==> flow/design.v <==
module alu_addsub #(
    parameter integer WD = 16
) (
    input logic clk_i,
    input logic nrst,
    input logic [WD-1:0] arg0_in,
    input logic sub_in,
    input logic clear_in,
    output logic [WD-1:0] result_out
);
    logic [WD-1:0] cnt;
    always_ff @(posedge clk_i or negedge nrst) begin
        if (~nrst) begin
            cnt <= '0;
        end else begin
            cnt <= clear_in ? arg0_in : sub_in ? cnt - arg0_in : cnt + arg0_in;
        end
    end
    assign result_out = cnt;
endmodule
### Step by step through the tools: alu_addsub

Tool output for the design above, in the order of the flow.
Lines are those of the file above, counted from 1.
Cell names lack the library's common part.
The mark - stands for no value.

| inputs | value |
|---|---|
| top | alu_addsub |
| clock port | clk_i |
| cell library | sky130hd |
| corner | tt_025C_1v80 |

### Word-level counts

Counts by Yosys on the flattened word-level netlist (proc, flatten, opt, wreduce; memories kept). Register bits leave out memories and registers merged into their read ports (data or address); mux counts leave out enables and synchronous resets folded into registers. Print and check cells are left out. Cells with the same type and inputs are merged into one.

| bit counts | value |
|---|---|
| register bits after elaboration | 16 |
| input bits | 20 |
| output and inout bits | 16 |
| cells after elaboration | 5 |

| cells by class | value |
|---|---|
| add/sub/neg operators | 2 |
| mux-type cells | 2 |

Operators by type and width:

| cell | number |
|---|---|
| 2-to-1 mux 16 bit | 2 |
| adder 16 bit | 1 |
| subtractor 16 bit | 1 |

### Depth

Depth = most cells in a row (Yosys ltp): at word level without a register or memory, in the mapped netlist without a sequential cell, where the memories' decode and read muxes count.

| logic depth | value |
|---|---|
| depth after elaboration | 3 |
| ABC_AREA | 0 |
| mapped depth | 14 |

### Mapped cells and area

The flow's flattened synthesis, as Yosys stat reports it; memories are mapped. The netlist is that of the ABC_AREA named above (0 if unset); the other value can give another one.

Cell types:

| cell type | number | area in all (µm²) |
|---|---|---|
| dfrtp_1 | 16 | 400.384 |
| ha_1 | 16 | 200.192 |
| xnor2_1 | 17 | 148.893 |
| nor2_1 | 25 | 93.84 |
| o21ai_0 | 13 | 65.062 |
| a21oi_1 | 11 | 55.053 |
| nand2_1 | 14 | 52.55 |
| a21o_1 | 6 | 45.043 |
| xor2_1 | 5 | 43.792 |
| mux2_2 | 3 | 33.782 |
| nor4_1 | 5 | 31.28 |
| o21a_1 | 4 | 30.029 |
| o31ai_1 | 4 | 30.029 |
| inv_1 | 6 | 22.522 |
| mux4_2 | 1 | 22.522 |
| fa_1 | 1 | 20.019 |
| mux2i_1 | 2 | 20.019 |
| nor3_1 | 4 | 20.019 |

Not listed: further types 28, cells in them 44.

| mapped netlist | value |
|---|---|
| standard cells after synthesis | 197 |
| cell area after synthesis | 1659.1 µm² |
| area of sequential cells | 400.4 µm² |
| mapped flip-flops | 16 |
| buffer cells | 5 |

### Timing after synthesis

OpenSTA on the mapped netlist: ideal clock, no wires. The path of least setup slack (recovery checks aside). Input and output delay are each 20% of the period. Register names are those of the netlist, which keeps one name where synthesis merged equal registers.

| timing path after synthesis | value |
|---|---|
| path kind | input port to flip-flop |
| start point | input port arg0_in[4] |
| end point | register cnt[15] |
| period | 4840 ps |
| setup time | 129 ps |
| time at the first pin | 968 ps |
| arrival | 3936 ps |
| data required time | 4711 ps |
| path slack | 776 ps |
| delay of the path | 3097 ps |
| stages | 12 |
| buffers on the path | 0 |
| synthesis period reached | 4064 ps |

"delay of the path" = arrival - input delay + setup time.
"stages": output pins that drive a net of the path, with the launching flip-flop's if there is one; two outputs of one cell count as two.
"synthesis period reached" is the clock period less the worst setup slack; recovery checks do not enter. This is arithmetic on one report: input and output delays are still those of the set period (20% each).
The rows between start and end are the longest chain of elaborated cells between them; the timing report does not say that the signal goes this way. Where chains are equally long, one stands for them.
A line is the first line of the expression or statement that the cell stems from. Yosys adds cells for indexed reads and writes and turns some case tables into memories.

| on the way, after synthesis | value |
|---|---|
| cell sequence | or3_1 -> or3_1 -> nor4_2 -> a21oi_1 -> xnor2_1 -> ha_1 -> a21o_1 -> a21o_1 -> a221o_1 -> a21oi_2 -> mux4_2 -> a2111o_1 |
| cells in the longest elaborated chain | 3 |

Ends and longest elaborated chain, after synthesis:

| element | RTL line | source |
|---|---|---|
| start, declared | 6 | `input logic [WD-1:0] arg0_in,` |
| adder 16 bit | 16 | `cnt <= clear_in ? arg0_in : sub_in ? cnt - arg0_in : cnt + arg0_in;` |
| 2-to-1 mux 16 bit (2 in a row) | 16 |  |
| end, assigned | 14 | `cnt <= '0;` |
| end, assigned | 16 |  |
| end, declared | 11 | `logic [WD-1:0] cnt;` |

### Worst path after layout

Path of least setup slack in the final report of run 1 (OpenROAD, finished layout, wires in). Where an end is a register, its clock arrival counts in the times.
The path's times are printed in steps of 10 ps; the period is the one set.

| timing path post-layout | value |
|---|---|
| path kind | input port to flip-flop |
| start point | input port arg0_in[5] |
| end point | register cnt[15] |
| period | 3210 ps |
| setup time | 120 ps |
| time at the first pin | 640 ps |
| arrival | 3800 ps |
| data required time | 3340 ps |
| path slack | -450 ps |
| stages | 13 |
| buffers on the path | 1 |

The rows between start and end are the longest chain of elaborated cells between them; the timing report does not say that the signal goes this way. Where chains are equally long, one stands for them.

| on the way, post-layout | value |
|---|---|
| cell sequence | buf_6 -> or3_4 -> or3_4 -> nor4_4 -> a21oi_1 -> xnor2_1 -> ha_1 -> a21o_1 -> a21o_1 -> a221o_1 -> a21oi_2 -> mux4_2 -> a2111o_1 |
| cells in the longest elaborated chain | 3 |

Ends and longest elaborated chain, post-layout:

| element | RTL line | source |
|---|---|---|
| start, declared | 6 | `input logic [WD-1:0] arg0_in,` |
| adder 16 bit | 16 | `cnt <= clear_in ? arg0_in : sub_in ? cnt - arg0_in : cnt + arg0_in;` |
| 2-to-1 mux 16 bit (2 in a row) | 16 |  |
| end, assigned | 14 | `cnt <= '0;` |
| end, assigned | 16 |  |
| end, declared | 11 | `logic [WD-1:0] cnt;` |

Lab notebook: alu_addsub

Measured results for alu_addsub: 3 stored runs of the Yosys and OpenROAD flow on sky130hd. The settings differ; the order carries no meaning. The constraints put input and output delay at 20% of the set period each and load the outputs with 0.01 pF.
"period achieved" is the run's clock period less its worst setup slack. It is reckoned from that one timing run; input and output delays stay at 20% of the period that was set.
A setting shown as -- is not set for that run.
A result given as -- is not shown for that run.

| stored run | period_ns | CORE_UTILIZATION | CORE_MARGIN | CELL_PAD_IN_SITES_GLOBAL_PLACEMENT | CELL_PAD_IN_SITES_DETAIL_PLACEMENT | ABC_AREA | GPL_TIMING_DRIVEN | GPL_ROUTABILITY_DRIVEN | CTS_CLUSTER_SIZE | SLEW_MARGIN | CAP_MARGIN | SETUP_SLACK_MARGIN | PLACE_DENSITY | TNS_END_PERCENT | netlist area reported by Yosys (µm²) | die footprint (µm²) | utilization after layout (%) | setup slack of the worst path (ps) | final setup TNS (ps) | worst hold slack after layout (ps) | period achieved (ps) |
|---|---|---|---|---|---|---|---|---|---|---|---|---|---|---|---|---|---|---|---|---|---|
| run 1 | 3.21 | 37 | 5 | 3 | 1 | 0 | 1 | 0 | 48 | 10 | 20 | -- | -- | -- | 1659.1 | 5922.8 | 65.0 | -453 | -810 | 709 | 3663 |
| run 2 | 4.84 | 40 | 2 | -- | -- | -- | -- | -- | -- | 20 | 20 | -- | -- | -- | 1659.1 | 4678.6 | 53.1 | 419 | 0 | 641 | 4421 |
| run 3 | 2.76 | 68 | 7 | 2 | -- | 0 | -- | 1 | 87 | 20 | 20 | -0.21 | 0.82 | 60 | -- | -- | -- | -- | -- | -- | -- |

Run 3: not finished: placement ended with error GPL-0301
